==> flow/design.v <==
module my_alu_arith #(
  parameter int DW = 128
) (
  input logic clk,
  input logic rst_n,
  input logic [DW-1:0] src1,
  input logic [DW-1:0] src2,
  output logic [DW-1:0] diff
);
  logic [DW-1:0] src1_d1;
  always_ff @(posedge clk) begin
    if (~rst_n) begin
      src1_d1 <= 0;
    end else begin
      src1_d1 <= src1;
    end
  end
  logic [DW-1:0] src2_d1;
  always_ff @(posedge clk) begin
    if (~rst_n) begin
      src2_d1 <= 0;
    end else begin
      src2_d1 <= src2;
    end
  end
  logic [DW:0] val;
  assign val = src1_d1 - src2_d1;
  assign diff = val[DW] ? {DW{1'b0}} : val[DW-1:0];
endmodule
Tool chain data of my_alu_arith. What the tools print for my_alu_arith, step after step. Lines are those of the file above, counted from 1. Operators carry their Yosys type and port widths (W data, S select, Z words). Library cell names are shortened. Not given: -

Top module: my_alu_arith. Clock: clk. Library: sky130hd. Library corner: tt_025C_1v80.

After elaboration. Yosys after proc, flatten, opt, wreduce and memory -nomap, before mapping. Enables and synchronous resets that opt folds into registers are not counted as muxes. Memory bits, and registers merged into a memory's read port (data or address), are not among the register bits. Print and check cells are not counted. Equal cells are merged and count once.

Under flip-flop bits (word level) stands 256. The figure for bits of input ports is 258. For output and inout port bits the number is 128. The entry for word-level cells reads 4.

Add/subtract/negate cells: 1. For mux-type cells the number is 1.

Operators by type and width (count): $sub A128 B128 Y129 (1); $mux W128 (1).

Logic depth. Longest topological path by Yosys (ltp), each cell counted once; first at word level (registers and memories cut), then after technology mapping (sequential cells cut; the memories' decode and read muxes count).

The entry for word-level depth reads 2. The figure for ABC_AREA is 0. The entry for mapped depth reads 16. For depth with buffers taken out the number is 14.

Synthesis result. Yosys stat after the flow's synthesis: flattened, memories mapped to cells. It holds for the ABC_AREA given above (unset counts as 0); a run with the other value may have another netlist. Totals and module areas in this step are rounded.

Cells by type: dfxtp_1 (count 256, total area 5.12E+03 µm²); and2_1 (count 260, total area 1626.56 µm²); ha_1 (count 129, total area 1.61E+03 µm²); a21oi_1 (count 203, total area 1.02E+03 µm²); nor2_1 (count 216, total area 810.778 µm²); nand2_1 (count 166, total area 623.098 µm²); xnor2_1 (count 70, total area 613.088 µm²); inv_1 (count 163, total area 611.837 µm²); o21ai_0 (count 104, total area 520.499 µm²); xor2_1 (count 45, total area 394.128 µm²); nand4_1 (count 50, total area 312.8 µm²); o21bai_1 (count 36, total area 270.259 µm²); a21o_1 (count 35, total area 262.752 µm²); clkbuf_1 (count 67, total area 251.491 µm²); nor3_1 (count 32, total area 160.154 µm²); o21a_1 (count 17, total area 127.622 µm²); buf_2 (count 24, total area 120.115 µm²); a31oi_1 (count 18, total area 112.608 µm²).

Not listed: further types 78, cells in them 244.

For cells in the netlist the number is 2135. Cell area after synthesis: 16500 µm². For sequential area the number is 5120 µm². The figure for flip-flops is 256. Buffers: 108.

Worst setup path after synthesis. OpenSTA on the mapped netlist: ideal clock, no wires. The path of least setup slack (recovery checks aside). Input and output delay are each 20% of the period. Register names are those of the netlist, which keeps one name where synthesis merged equal registers.

Path kind: flip-flop to output port. Start point: register src1_d1[0]. End point: output diff[122]. The figure for clock period is 4970 ps. External output delay: 994 ps. The entry for arrival reads 3184 ps. The figure for data required time is 3976 ps. The figure for slack is 792 ps. The entry for delay of the path reads 3184 ps. The figure for stages on the path is 16. Under path buffers stands 1. The entry for period reached after synthesis reads 4178 ps.

"delay of the path" = arrival - input delay + setup time. At an output port there is no setup time. "stages on the path" counts driving pins, that of a launching flip-flop among them; a cell with two outputs on the path counts twice. "period reached after synthesis" is the clock period less the worst setup slack; recovery checks do not enter. This is arithmetic on one report: input and output delays are still those of the set period (20% each). Between the ends stands the longest chain of elaborated cells between them, by number of cells; it is not shown to be the way that was timed. Of several equally long chains one is given. A line is the first line of the expression or statement that the cell stems from. Yosys adds cells for indexed reads and writes and turns some case tables into memories.

Cell sequence: dfxtp_1 > inv_1 > ha_1 > fa_1 > nand2b_1 > a21oi_1 > o21ai_0 > o31ai_2 > o21a_1 > o21ai_1 > nand2_1 > a31oi_4 > o32ai_2 > o21ai_2 > buf_4 > nor4bb_1. The figure for cells in the longest elaborated chain is 2. The entry for elaborated cells between the ends (all ways) reads 2. Those cells by class: 1 x add/sub; 1 x mux.

RTL lines, path after synthesis: from (decl) (line 10) `logic [DW-1:0] src1_d1;`; from (assign) (line 13) `src1_d1 <= 0;`; from (assign) (line 15) `src1_d1 <= src1;`; $sub A128 B128 Y129 (line 27) `assign val = src1_d1 - src2_d1;`; $mux W128 (line 28) `assign diff = val[DW] ? {DW{1'b0}} : val[DW-1:0];`; to (decl) (line 8) `output logic [DW-1:0] diff`.

Worst path after layout. From the final timing report of flow run A: the path of least setup slack in the routed layout; clock arrival at registers is part of the times. The path's times are printed in steps of 10 ps; the period is the one set.

Path kind: flip-flop to output port. Start point: register src2_d1[36]. End point: output diff[48]. The figure for clock period is 4970 ps. External output delay: 990 ps. The entry for arrival reads 4000 ps. The figure for data required time is 3980 ps. The figure for slack is -20 ps. The figure for stages on the path is 21. Under path buffers stands 7.

Between the ends stands the longest chain of elaborated cells between them, by number of cells; it is not shown to be the way that was timed. Of several equally long chains one is given.

Cell sequence: dfxtp_2 > inv_2 > ha_4 > buf_6 > nand4_1 > nor4_4 > a32oi_2 > a211o_1 > nor2_2 > o21ai_4 > nand2_4 > a31oi_4 > o32ai_4 > o21ai_4 > buf_12 > buf_8 > buf_8 > buf_12 > buf_6 > nor2_2 > buf_2. The figure for cells in the longest elaborated chain is 2. The entry for elaborated cells between the ends (all ways) reads 2. Those cells by class: 1 x add/sub; 1 x mux.

RTL lines, path after layout: from (decl) (line 18) `logic [DW-1:0] src2_d1;`; from (assign) (line 21) `src2_d1 <= 0;`; from (assign) (line 23) `src2_d1 <= src2;`; $sub A128 B128 Y129 (line 27) `assign val = src1_d1 - src2_d1;`; $mux W128 (line 28) `assign diff = val[DW] ? {DW{1'b0}} : val[DW-1:0];`; to (decl) (line 8) `output logic [DW-1:0] diff`.

Stored flow runs of my_alu_arith (3 of them; Yosys, OpenROAD, sky130hd). They differ in their settings and are not a sequence. Constraints: input delay and output delay 20% of the set period each, output load 0.01 pF. "period reached" = clock period - worst setup slack. The figure is calculated, with input and output delays left at 20% of the set period. "time used up by the worst setup path" is the time allowed to the run's worst setup path (the clock period less input and output delay, where it has them) less its slack. Clock arrival times count: a late capture clock shortens it, a late launch clock lengthens it. "total power of the final layout" is the tool's figure for a default switching activity; nothing was simulated. "time used up by the worst setup path" is given in steps of 10 ps. The results are shown rounded.

Files of flow run A:
==> flow/run.sh <==
#!/bin/bash
# the make line also repeats the synthesis and layout settings of config.mk as NAME=value (left out here)
make -C /OpenROAD-flow-scripts/flow DESIGN_CONFIG=/design/flow/config.mk WORK_HOME=/design/flow/orfs CLKGATE_MAP_FILE= finish
==> flow/config.mk <==
export PLATFORM = sky130hd
export DESIGN_NAME = my_alu_arith
export DESIGN_NICKNAME = my_alu_arith
export VERILOG_FILES = /design/flow/design.v
export SDC_FILE = /design/flow/constraint.sdc
export NUM_CORES = 4
export LEC_CHECK = 0
export CAP_MARGIN = 20
export CORE_MARGIN = 2
export CORE_UTILIZATION = 40
export SLEW_MARGIN = 20
==> flow/constraint.sdc <==
create_clock -name core_clock -period 4.97 [get_ports {clk}]
set_input_delay 0.9940 -clock core_clock [delete_from_list [all_inputs] [get_ports {clk}]]
set_output_delay 0.9940 -clock core_clock [all_outputs]
set_load 0.01 [all_outputs]

Results of flow run A. The post-synthesis cell area stands at 16500 µm². The die outline area reads 43000 µm². The standard-cell area of the final layout comes to 25800 µm². The measured utilization in the final report is 0.632. The worst setup slack after layout reads -24 ps. For the post-route setup TNS the run shows -98 ps. The final worst hold slack is 958 ps. For the total power of the final layout the run shows 7.88 mW. The period reached reads 4994 ps. The time used up by the worst setup path stands at 4000 ps. Worst setup path kind: flip-flop to output port.

Files of flow run B:
==> flow/run.sh <==
#!/bin/bash
# the make line also repeats the synthesis and layout settings of config.mk as NAME=value (left out here)
make -C /OpenROAD-flow-scripts/flow DESIGN_CONFIG=/design/flow/config.mk WORK_HOME=/design/flow/orfs CLKGATE_MAP_FILE= finish
==> flow/config.mk <==
export PLATFORM = sky130hd
export DESIGN_NAME = my_alu_arith
export DESIGN_NICKNAME = my_alu_arith
export VERILOG_FILES = /design/flow/design.v
export SDC_FILE = /design/flow/constraint.sdc
export NUM_CORES = 4
export LEC_CHECK = 0
export ABC_AREA = 0
export CAP_MARGIN = 20
export CORE_MARGIN = 7
export CORE_UTILIZATION = 31
export GPL_TIMING_DRIVEN = 0
export PLACE_DENSITY_LB_ADDON = 0.23
export SETUP_SLACK_MARGIN = 0.15
export SLEW_MARGIN = 20
==> flow/constraint.sdc <==
create_clock -name core_clock -period 3.09 [get_ports {clk}]
set_input_delay 0.6180 -clock core_clock [delete_from_list [all_inputs] [get_ports {clk}]]
set_output_delay 0.6180 -clock core_clock [all_outputs]
set_load 0.01 [all_outputs]

Results of flow run B. The post-synthesis cell area stands at 16500 µm². The die outline area reads 60000 µm². The standard-cell area of the final layout comes to 26800 µm². The measured utilization in the final report is 0.509. The worst setup slack after layout reads -1590 ps. For the post-route setup TNS the run shows -179000 ps. The final worst hold slack is 495 ps. For the total power of the final layout the run shows 13.1 mW. The period reached reads 4676 ps. The time used up by the worst setup path stands at 4060 ps. Worst setup path kind: flip-flop to output port.

Files of flow run C:
==> flow/run.sh <==
#!/bin/bash
# the make line also repeats the synthesis and layout settings of config.mk as NAME=value (left out here)
make -C /OpenROAD-flow-scripts/flow DESIGN_CONFIG=/design/flow/config.mk WORK_HOME=/design/flow/orfs CLKGATE_MAP_FILE= finish
==> flow/config.mk <==
export PLATFORM = sky130hd
export DESIGN_NAME = my_alu_arith
export DESIGN_NICKNAME = my_alu_arith
export VERILOG_FILES = /design/flow/design.v
export SDC_FILE = /design/flow/constraint.sdc
export NUM_CORES = 4
export LEC_CHECK = 0
export ABC_AREA = 0
export CAP_MARGIN = 20
export CELL_PAD_IN_SITES_DETAIL_PLACEMENT = 1
export CORE_ASPECT_RATIO = 0.57
export CORE_MARGIN = 2
export CORE_UTILIZATION = 52
export CTS_CLUSTER_DIAMETER = 52
export GPL_ROUTABILITY_DRIVEN = 1
export MIN_ROUTING_LAYER = met2
export PLACE_DENSITY_LB_ADDON = 0.14
export SETUP_SLACK_MARGIN = 1.13
export SLEW_MARGIN = 20
==> flow/constraint.sdc <==
create_clock -name core_clock -period 4.03 [get_ports {clk}]
set_input_delay 0.8060 -clock core_clock [delete_from_list [all_inputs] [get_ports {clk}]]
set_output_delay 0.8060 -clock core_clock [all_outputs]
set_load 0.01 [all_outputs]

Outcome of flow run C: stopped before the end: placement reported DPL-0033.
